==> flow/design.v <==
module alu_muxn #(
    parameter W = 20,
    parameter WAYS = 8,
    parameter SEL_W = $clog2(WAYS)
) (
    input  CLK,
    input  [WAYS*W-1:0] i_din,
    input  [SEL_W-1:0] i_pick,
    output [W-1:0] o_o
);
    reg [WAYS*W-1:0] din_q;
    reg [SEL_W-1:0] pick_q;
    always @(posedge CLK) begin
        din_q <= i_din;
        pick_q <= i_pick;
    end
    wire [W-1:0] nd [1:2*WAYS-1];
    genvar gi;
    generate
        for (gi = 0; gi < WAYS; gi = gi + 1) begin : each
            assign nd[WAYS+gi] = din_q[gi*W +: W];
        end
        for (gi = 1; gi < WAYS; gi = gi + 1) begin : gen
            alu_muxn_m2 #(.N(W)) i_sub (.a(nd[2*gi]), .b(nd[2*gi+1]), .s(pick_q[SEL_W - $clog2(gi+1)]), .y(nd[gi]));
        end
    endgenerate
    reg [W-1:0] o_q;
    always @(posedge CLK)
        o_q <= nd[1];
    assign o_o = o_q;
endmodule
module alu_muxn_m2 #(parameter N = 1) (
    input wire [N-1:0] a,
    input wire [N-1:0] b,
    input wire s,
    output wire [N-1:0] y
);
    assign y = s ? b : a;
endmodule
From RTL to reports: alu_muxn. The steps from the RTL of alu_muxn to its reports follow in flow order. Lines are those of the file above, counted from 1. Operators: Yosys type, input widths -> output width; for muxes data width and select width s. Cell names lack the library's common part. Not given: -

Design top: alu_muxn. Clock: CLK. Cell library: sky130hd. Corner: tt_025C_1v80.

Elaborated design. Yosys after proc, flatten, opt, wreduce and memory -nomap, before mapping. Enables and synchronous resets that opt folds into registers are not counted as muxes. Print and check cells are not counted. Equal cells are merged and count once.

For register bits the number is 183. For bits in latches the number is 0. The entry for RAM bits reads 0. ROM bits: 0. The entry for word width x clocked read ports reads 0. Under memories kept stands 0. For bits of input ports the number is 164. Under output and inout bits stands 20.

Add/sub/neg operators: 0. The entry for multipliers reads 0. For divide/modulo/power cells the number is 0. The figure for $lt $le $gt $ge is 0. Under equality and inequality tests stands 0. The entry for shifts and indexed selects reads 0. The entry for multiplexer cells reads 7. The entry for bitwise gates (word level) reads 0. The figure for reduce/logical cells is 0.

Operators with widths (number): $mux 20 (7).

Depth. Depth = most cells in a row (Yosys ltp): at word level without a register or memory, in the mapped netlist without a sequential cell, where the memories' decode and read muxes count.

The figure for word-level depth is 3. The entry for ABC_AREA reads 0. For gate-level depth with buffers the number is 4. The figure for gate-level depth less buffers is 2.

After synthesis. Source: synth_stat.txt of the flow (Yosys; design flattened, memories mapped). It holds for the ABC_AREA given above (unset counts as 0); a run with the other value may have another netlist. Totals and module areas in this step are rounded.

Cells by type: dfxtp_1 (number 183, total area 3.66E+03 sq um); mux4_1 (number 40, total area 1.05E+03 sq um); mux2_2 (number 20, total area 225.216 sq um); buf_6 (number 4, total area 45.043 sq um); clkbuf_1 (number 4, total area 15.014 sq um); buf_1 (number 2, total area 7.507 sq um); clkbuf_2 (number 1, total area 5.005 sq um).

The figure for cells in the netlist is 254. The entry for chip area (Yosys) reads 5012 sq um. Area of sequential cells: 3664 sq um. For flip-flop cells the number is 183. Buffers: 11.

The figures by module come from a second, unflattened synthesis with its own total; it is not the netlist above.

The entry for cells (unflattened synthesis) reads 337. Area total of the unflattened synthesis: 5923 sq um.

Each row is one instance without its submodules.

By module: alu_muxn (instances 1, cells 183, area 3664 sq um, seq. area 3664 sq um); alu_muxn_m2 (N=20) (instances 7, cells 22, area 322.8 sq um, seq. area 0.0 sq um).

Timing after synthesis. OpenSTA on the mapped netlist: ideal clock, no wires. The path of least setup slack (recovery checks aside). Input and output delay are each 20% of the period. Register names are those of the netlist, which keeps one name where synthesis merged equal registers.

Path kind: register to register. Start: register pick_q[0]. End: register o_q[0]. Under period stands 1.88 ns. The entry for setup time reads 0.121 ns. The figure for launch time at the first pin is 0.000 ns. The entry for arrival reads 1.381 ns. The entry for required time reads 1.759 ns. For path slack the number is 0.378 ns. For path delay the number is 1.502 ns. For stages the number is 5. For path buffers the number is 2. The figure for period reached after synthesis is 1.502 ns.

"path delay" is the arrival time less input delay plus setup time. "stages" counts driving pins, that of a launching flip-flop among them; a cell with two outputs on the path counts twice. "period reached after synthesis" is the clock period less the worst setup slack; recovery checks do not enter. This is arithmetic on one report: input and output delays are still those of the set period (20% each). Between the ends stands the longest chain of elaborated cells between them, by number of cells; it is not shown to be the way that was timed. Of several equally long chains one is given. A line is the first line of the expression or statement that the cell stems from. Yosys adds cells for indexed reads and writes and turns some case tables into memories.

Path through: dfxtp_1 -> clkbuf_2 -> buf_6 -> mux4_1 -> mux2_2. Length of the longest elaborated chain: 3. The entry for elaborated cells on any way between the ends reads 7. Classes of those cells: mux: 7.

Ends and longest elaborated chain, post-synthesis: start: declaration (RTL line 12) `reg [SEL_W-1:0] pick_q;`; start: assignment (RTL line 15) `pick_q <= i_pick;`; $mux 20 x3 (RTL line 38) `assign y = s ? b : a;`; end: assignment (RTL line 29) `o_q <= nd[1];`; end: declaration (RTL line 27) `reg [W-1:0] o_q;`.

Path in the finished layout. Path of least setup slack in the final report of job 1 (OpenROAD, finished layout, wires in). Where an end is a register, its clock arrival counts in the times.

Path kind: register to output. Start: register o_q[2]. End: output port o_o[2]. Under period stands 1.88 ns. The figure for launch time at the first pin is 0.42 ns. The entry for arrival reads 1.29 ns. The entry for required time reads 1.50 ns. For path slack the number is 0.21 ns. For stages the number is 2. For path buffers the number is 1.

Path through: dfxtp_1 -> clkdlybuf4s50_1. Length of the longest elaborated chain: 0. The entry for elaborated cells on any way between the ends reads 0.

Ends and longest elaborated chain, after layout: start: declaration (RTL line 27) `reg [W-1:0] o_q;`; start: assignment (RTL line 29) `o_q <= nd[1];`; end: declaration (RTL line 9) `output [W-1:0] o_o`.

==> runs of alu_muxn <==
Design alu_muxn on sky130hd. What follows are 3 stored runs of the flow, each under its own settings; their order means nothing. The constraints put input and output delay at 20% of the set period each and load the outputs with 0.01 pF. By "clock period achieved" is meant the clock period of the run minus its worst setup slack. This is arithmetic on one report: input and output delays are still those of the set period (20% each). "time on the worst setup path": the worst setup path's part of the clock period (all of it between registers, 20% less for each end at a port) less its slack. A launch clock that arrives late makes it longer, a capture clock that arrives late makes it shorter. "total power of the final layout" is the tool's figure for a default switching activity; nothing was simulated. Values from the reports are rounded here.

Files of job 1:
==> flow/run.sh <==
#!/bin/bash
# the make line also repeats the synthesis and layout settings of config.mk as NAME=value (left out here)
make -C /OpenROAD-flow-scripts/flow DESIGN_CONFIG=/design/flow/config.mk WORK_HOME=/design/flow/orfs CLKGATE_MAP_FILE= finish
==> flow/config.mk <==
export PLATFORM = sky130hd
export DESIGN_NAME = alu_muxn
export DESIGN_NICKNAME = alu_muxn
export VERILOG_FILES = /design/flow/design.v
export SDC_FILE = /design/flow/constraint.sdc
export NUM_CORES = 4
export LEC_CHECK = 0
export CAP_MARGIN = 20
export CORE_MARGIN = 2
export CORE_UTILIZATION = 40
export SLEW_MARGIN = 20
==> flow/constraint.sdc <==
create_clock -name core_clock -period 1.88 [get_ports {CLK}]
set_input_delay 0.3760 -clock core_clock [delete_from_list [all_inputs] [get_ports {CLK}]]
set_output_delay 0.3760 -clock core_clock [all_outputs]
set_load 0.01 [all_outputs]

Results of job 1. The total power of the final layout reads 0.008335 W. The measured area of the die is 13440 sq um. The measured cell area after synthesis is 5012 sq um. The post-route worst hold slack is 0.394 ns. The std-cell area (final layout) comes to 7641 sq um. The measured time on the worst setup path is 1.29 ns. Worst setup path kind: register to output. The measured lowest setup slack is 0.210 ns. The utilization of the finished layout comes to 0.631. The measured clock period achieved is 1.670 ns. For the sum of negative setup slack the run shows 0.000 ns.

Files of job 2:
==> flow/run.sh <==
#!/bin/bash
# the make line also repeats the synthesis and layout settings of config.mk as NAME=value (left out here)
make -C /OpenROAD-flow-scripts/flow DESIGN_CONFIG=/design/flow/config.mk WORK_HOME=/design/flow/orfs CLKGATE_MAP_FILE= finish
==> flow/config.mk <==
export PLATFORM = sky130hd
export DESIGN_NAME = alu_muxn
export DESIGN_NICKNAME = alu_muxn
export VERILOG_FILES = /design/flow/design.v
export SDC_FILE = /design/flow/constraint.sdc
export NUM_CORES = 4
export LEC_CHECK = 0
export CAP_MARGIN = 5
export CORE_ASPECT_RATIO = 1.3
export CORE_MARGIN = 6
export CORE_UTILIZATION = 36
export CTS_CLUSTER_DIAMETER = 356
export PLACE_DENSITY = 0.72
export SLEW_MARGIN = 20
export TNS_END_PERCENT = 65
==> flow/constraint.sdc <==
create_clock -name core_clock -period 2.35 [get_ports {CLK}]
set_input_delay 0.4700 -clock core_clock [delete_from_list [all_inputs] [get_ports {CLK}]]
set_output_delay 0.4700 -clock core_clock [all_outputs]
set_load 0.01 [all_outputs]

Results of job 2. The total power of the final layout reads 0.00648 W. The measured area of the die is 16920 sq um. The measured cell area after synthesis is 5012 sq um. The post-route worst hold slack is 0.492 ns. The std-cell area (final layout) comes to 7584 sq um. The measured time on the worst setup path is 1.30 ns. Worst setup path kind: register to output. The measured lowest setup slack is 0.576 ns. The utilization of the finished layout comes to 0.564. The measured clock period achieved is 1.774 ns. For the sum of negative setup slack the run shows 0.000 ns.

Files of job 3:
==> flow/run.sh <==
#!/bin/bash
# the make line also repeats the synthesis and layout settings of config.mk as NAME=value (left out here)
make -C /OpenROAD-flow-scripts/flow DESIGN_CONFIG=/design/flow/config.mk WORK_HOME=/design/flow/orfs CLKGATE_MAP_FILE= finish
==> flow/config.mk <==
export PLATFORM = sky130hd
export DESIGN_NAME = alu_muxn
export DESIGN_NICKNAME = alu_muxn
export VERILOG_FILES = /design/flow/design.v
export SDC_FILE = /design/flow/constraint.sdc
export NUM_CORES = 4
export LEC_CHECK = 0
export ABC_AREA = 1
export CAP_MARGIN = 20
export CELL_PAD_IN_SITES_GLOBAL_PLACEMENT = 2
export CORE_MARGIN = 2
export CORE_UTILIZATION = 19
export CTS_CLUSTER_DIAMETER = 107
export CTS_CLUSTER_SIZE = 27
export GPL_TIMING_DRIVEN = 0
export MAX_ROUTING_LAYER = met5
export PLACE_DENSITY = 0.82
export SLEW_MARGIN = 15
==> flow/constraint.sdc <==
create_clock -name core_clock -period 1.44 [get_ports {CLK}]
set_input_delay 0.2880 -clock core_clock [delete_from_list [all_inputs] [get_ports {CLK}]]
set_output_delay 0.2880 -clock core_clock [all_outputs]
set_load 0.01 [all_outputs]

Results of job 3. The total power of the final layout reads 0.0119 W. The measured area of the die is 32230 sq um. The measured cell area after synthesis is 5854 sq um. The post-route worst hold slack is 0.282 ns. The std-cell area (final layout) comes to 8818 sq um. The measured time on the worst setup path is 1.06 ns. Worst setup path kind: register to output. The measured lowest setup slack is 0.096 ns. The utilization of the finished layout comes to 0.29. The measured clock period achieved is 1.344 ns. For the sum of negative setup slack the run shows 0.000 ns.
